==> flow/design.v <==
module my_mem_stage #(
    parameter WORDS = 4,
    parameter WD = 6,
    parameter AW = $clog2(WORDS)
) (
    input wire core_clk,
    input wire rstn,
    input wire valid,
    input wire [AW-1:0] addr_in,
    input wire wr_en_in,
    input wire [WD-1:0] write_data_in,
    output wire [WD-1:0] dout_out
);
    reg [AW-1:0] addr_s;
    always @(posedge core_clk or negedge rstn) begin
        if (~rstn) begin
            addr_s <= 0;
        end else if (valid) begin
            addr_s <= addr_in;
        end
    end
    reg wr_en_s;
    always @(posedge core_clk or negedge rstn) begin
        if (~rstn) begin
            wr_en_s <= 1'b0;
        end else if (valid) begin
            wr_en_s <= wr_en_in;
        end
    end
    reg [WD-1:0] write_data_s;
    always @(posedge core_clk or negedge rstn) begin
        if (~rstn) begin
            write_data_s <= 0;
        end else if (valid) begin
            write_data_s <= write_data_in;
        end
    end
    reg [WD-1:0] ram [0:WORDS-1];
    always @(posedge core_clk)
        if (valid && wr_en_s) ram[addr_s] <= write_data_s;
    assign dout_out = wr_en_s ? write_data_s : ram[addr_s];
endmodule
# Reports on my_mem_stage
# Tool output for the members of one design family, told apart by "WORDS", in the order of the flow.
# The RTL above is that of WORDS = 4; lines are counted from 1 in the file of the member named.
# Library cell names are shortened.
# Not given: -
[setup] top_module="my_mem_stage" clk_port="core_clk" lib="sky130hd" corner="tt_025C_1v80"

# Members of the sweep
# New or changed lines of each further member against the RTL above, in its own file; lines it lacks are not shown.
[changed_lines] WORDS=8 line=2 text="parameter WORDS = 8,"
[changed_lines] WORDS=64 line=2 text="parameter WORDS = 64,"

# Word-level counts
# Yosys after proc, flatten, opt, wreduce and memory -nomap, before mapping. Enables and synchronous resets that opt folds into registers are not counted as muxes. Memory bits, and registers merged into a memory's read port (data or address), are not among the register bits. Print and check cells are not counted. Equal cells are merged and count once.
# Yosys's memory passes give these memory sizes; they may raise the number of words (mostly to a power of two), join words into wider ones and drop unused or constant bits.
[op_classes] WORDS=4 muxes=4 reduce_and_logical=1
[op_classes] WORDS=8 muxes=4 reduce_and_logical=1
[op_classes] WORDS=64 muxes=4 reduce_and_logical=1
[op_table] WORDS=4 op_list="2-to-1 mux 6 bit (2); 2-to-1 mux 2 bit (1); logical AND 1 bit (1); 2-to-1 mux 1 bit (1)"
[op_table] WORDS=8 op_list="2-to-1 mux 6 bit (2); 2-to-1 mux 3 bit (1); logical AND 1 bit (1); 2-to-1 mux 1 bit (1)"
[op_table] WORDS=64 op_list="2-to-1 mux 6 bit (3); logical AND 1 bit (1); 2-to-1 mux 1 bit (1)"
[word_totals] WORDS=4 register_bits=9 ramBits=24 mem_count=1 in_bits=12 output_inout_bits=6 word_cells=9
[word_totals] WORDS=8 register_bits=10 ramBits=48 mem_count=1 in_bits=13 output_inout_bits=6 word_cells=9
[word_totals] WORDS=64 register_bits=13 ramBits=384 mem_count=1 in_bits=16 output_inout_bits=6 word_cells=9
[memory_table] WORDS=4 memory_list="ram 4x6 r1 w1"
[memory_table] WORDS=8 memory_list="ram 8x6 r1 w1"
[memory_table] WORDS=64 memory_list="ram 64x6 r1 w1"

# Logic depth
# Yosys ltp: most cells in a row. Word level: on the elaborated netlist, between registers, memories and ports. Mapped: between sequential cells and ports; inverters and the memories' decode and read muxes count.
[depth] WORDS=4 ltp_word=2 ABC_AREA=0 depth_mapped=5 mapped_depth_nobuf=3
[depth] WORDS=8 ltp_word=2 ABC_AREA=0 depth_mapped=6 mapped_depth_nobuf=4
[depth] WORDS=64 ltp_word=2 ABC_AREA=0 depth_mapped=11 mapped_depth_nobuf=6

# After synthesis
# Yosys stat after the flow's synthesis: flattened, memories mapped to cells. It holds for the ABC_AREA given above (unset counts as 0); a run with the other value may have another netlist.
# The area totals of this step are shown rounded.
[by_type] WORDS=4 type_list="edfxtp_1 (24); dfrtp_1 (9); mux2_2 (10); mux2_4 (5); o22ai_1 (6); a21oi_1 (6); o21ai_0 (6); nand2_1 (7); inv_1 (6); buf_12 (1); buf_2 (3); nor3b_1 (2); buf_6 (1); and4_2 (1); nand2b_1 (1); or2_2 (1); nor3_1 (1); clkbuf_1 (1)"
[by_type] WORDS=8 type_list="edfxtp_1 (48); dfrtp_1 (10); mux2_2 (11); mux2i_1 (12); nand2_1 (9); a21oi_1 (6); nand3b_1 (4); nor2_1 (8); o211ai_1 (4); buf_2 (5); nand3_1 (5); mux2_1 (2); a221o_1 (2); buf_12 (1); o21ai_0 (4); a2bb2oi_1 (2); nand2b_1 (2); o22ai_1 (2); [+17]"
[by_type] WORDS=64 type_list="edfxtp_1 (384); mux2i_1 (65); mux4_2 (26); dfrtp_1 (13); nor2_1 (86); mux2_2 (27); a22oi_1 (27); a221oi_1 (18); o21ai_0 (29); nand2_1 (32); a21oi_1 (22); buf_6 (9); o22ai_1 (16); clkbuf_1 (25); nand3_1 (16); buf_4 (10); buf_2 (14); a22o_1 (7); [+102]"
# A list marked [+n] leaves out that many cells.
[synth_totals] WORDS=4 cells=91 yosys_area_um2=1400 seq_area_um2=950 ff_cells=33 n_buf=6
[synth_totals] WORDS=8 cells=154 yosys_area_um2=2400 seq_area_um2=1700 ff_cells=58 n_buf=9
[synth_totals] WORDS=64 cells=928 yosys_area_um2=16000 seq_area_um2=12000 ff_cells=397 n_buf=60

# Worst setup path after synthesis
# Path of least setup slack by OpenSTA after synthesis, without wires, with an ideal clock, recovery checks aside; 20% of the period is set as input and as output delay. Where synthesis merged equal registers, the netlist keeps one of their names.
[synth_timing] WORDS=4 path_kind="input -> register" start="input port valid" end="memory ram[1][0]" clock_period_ns=1.94 setup_slack_ns=0.384 path_stages=3 delay_ns=1.167 synth_period_reached_ns=1.556
[synth_timing] WORDS=8 path_kind="register -> register" start="register addr_s[2]" end="memory ram[0][0]" clock_period_ns=2.21 setup_slack_ns=0.439 path_stages=5 delay_ns=1.771 synth_period_reached_ns=1.771
[synth_timing] WORDS=64 path_kind="register -> output" start="register addr_s[2]" end="output port dout_out[3]" clock_period_ns=2.94 setup_slack_ns=0.471 path_stages=8 delay_ns=1.881 synth_period_reached_ns=2.469
# "delay_ns" is the arrival time less input delay plus setup time.
# At an output port there is no setup time.
# "path_stages": output pins that drive a net of the path, with the launching flip-flop's if there is one; two outputs of one cell count as two.
# "synth_period_reached_ns" is the clock period less the worst setup slack; recovery checks do not enter. This is arithmetic on one report: input and output delays are still those of the set period (20% each).
# Between the ends stands the longest chain of elaborated cells between them, by number of cells; it is not shown to be the way that was timed. Of several equally long chains one is given.
# A line is the first line of the expression or statement that the cell stems from. Yosys adds cells for indexed reads and writes and turns some case tables into memories.
# The chain passes a memory read, where the word-level depth is cut; so it can be longer than that depth.
# WORDS = 4: The path ends at the enable pin of a flip-flop; only ways to that pin are counted.
[synth_between_WORDS_4] elab_chain_len=2
[synth_rtl_WORDS_4] element="start: declaration" line=8 text="input wire valid,"
[synth_rtl_WORDS_4] element="logical AND 1 bit" line=40 text="if (valid && wr_en_s) ram[addr_s] <= write_data_s;"
[synth_rtl_WORDS_4] element="2-to-1 mux 2 bit" line=40
[synth_rtl_WORDS_4] element="end: declaration" line=38 text="reg [WD-1:0] ram [0:WORDS-1];"
[synth_between_WORDS_64] elab_chain_len=2
[synth_rtl_WORDS_64] element="start: declaration" line=14 text="reg [AW-1:0] addr_s;"
[synth_rtl_WORDS_64] element="start: assignment" line=17 text="addr_s <= 0;"
[synth_rtl_WORDS_64] element="start: assignment" line=19 text="addr_s <= addr_in;"
[synth_rtl_WORDS_64] element="memory (64 x 6 bit)" line=38 text="reg [WD-1:0] ram [0:WORDS-1];"
[synth_rtl_WORDS_64] element="2-to-1 mux 6 bit" line=41 text="assign dout_out = wr_en_s ? write_data_s : ram[addr_s];"
[synth_rtl_WORDS_64] element="end: declaration" line=12 text="output wire [WD-1:0] dout_out"

# Timing after layout
# Path of least setup slack in the final report of the run of each member (OpenROAD, finished layout, wires in). Where an end is a register, its clock arrival counts in the times.
[layout_timing] WORDS=4 path_kind="register -> output" start="register addr_s[0]" end="output port dout_out[0]" clock_period_ns=1.94 setup_slack_ns=-0.08 path_stages=7 t_arrival_ns=1.64
[layout_timing] WORDS=8 path_kind="register -> output" start="register addr_s[1]" end="output port dout_out[1]" clock_period_ns=2.21 setup_slack_ns=-0.01 path_stages=7 t_arrival_ns=1.78
[layout_timing] WORDS=64 path_kind="register -> output" start="register addr_s[1]" end="output port dout_out[4]" clock_period_ns=2.94 setup_slack_ns=-0.71 path_stages=9 t_arrival_ns=3.07

# Flow runs
# Settings and results of one run of the flow (Yosys, OpenROAD) for each member follow. The constraints put input and output delay at 20% of the set period each and load the outputs with 0.01 pF.
[flow_settings] CAP_MARGIN=20 CORE_MARGIN=2 CORE_UTILIZATION=40 SLEW_MARGIN=20
[settings_diff] WORDS=4 period_ns=1.94
[settings_diff] WORDS=8 period_ns=2.21
[settings_diff] WORDS=64 period_ns=2.94
[results] WORDS=4 synth_area_um2=1400 total_die_area_um2=3900 finish.stdcell_area_um2=1800 final_setup_ws_ns=-0.083 totalPower_mw=1.7 timing.achieved_period_ns=2.023
[results] WORDS=8 synth_area_um2=2400 total_die_area_um2=6600 finish.stdcell_area_um2=3100 final_setup_ws_ns=-0.012 totalPower_mw=2.5 timing.achieved_period_ns=2.222
[results] WORDS=64 synth_area_um2=16000 total_die_area_um2=41000 finish.stdcell_area_um2=20000 final_setup_ws_ns=-0.71 totalPower_mw=13 timing.achieved_period_ns=3.654
# "timing.achieved_period_ns" is the run's clock period less its worst setup slack. It is reckoned from that one timing run; input and output delays stay at 20% of the period that was set.
# "totalPower_mw" is the tool's figure for a default switching activity; nothing was simulated.
# Values from the reports are rounded here.
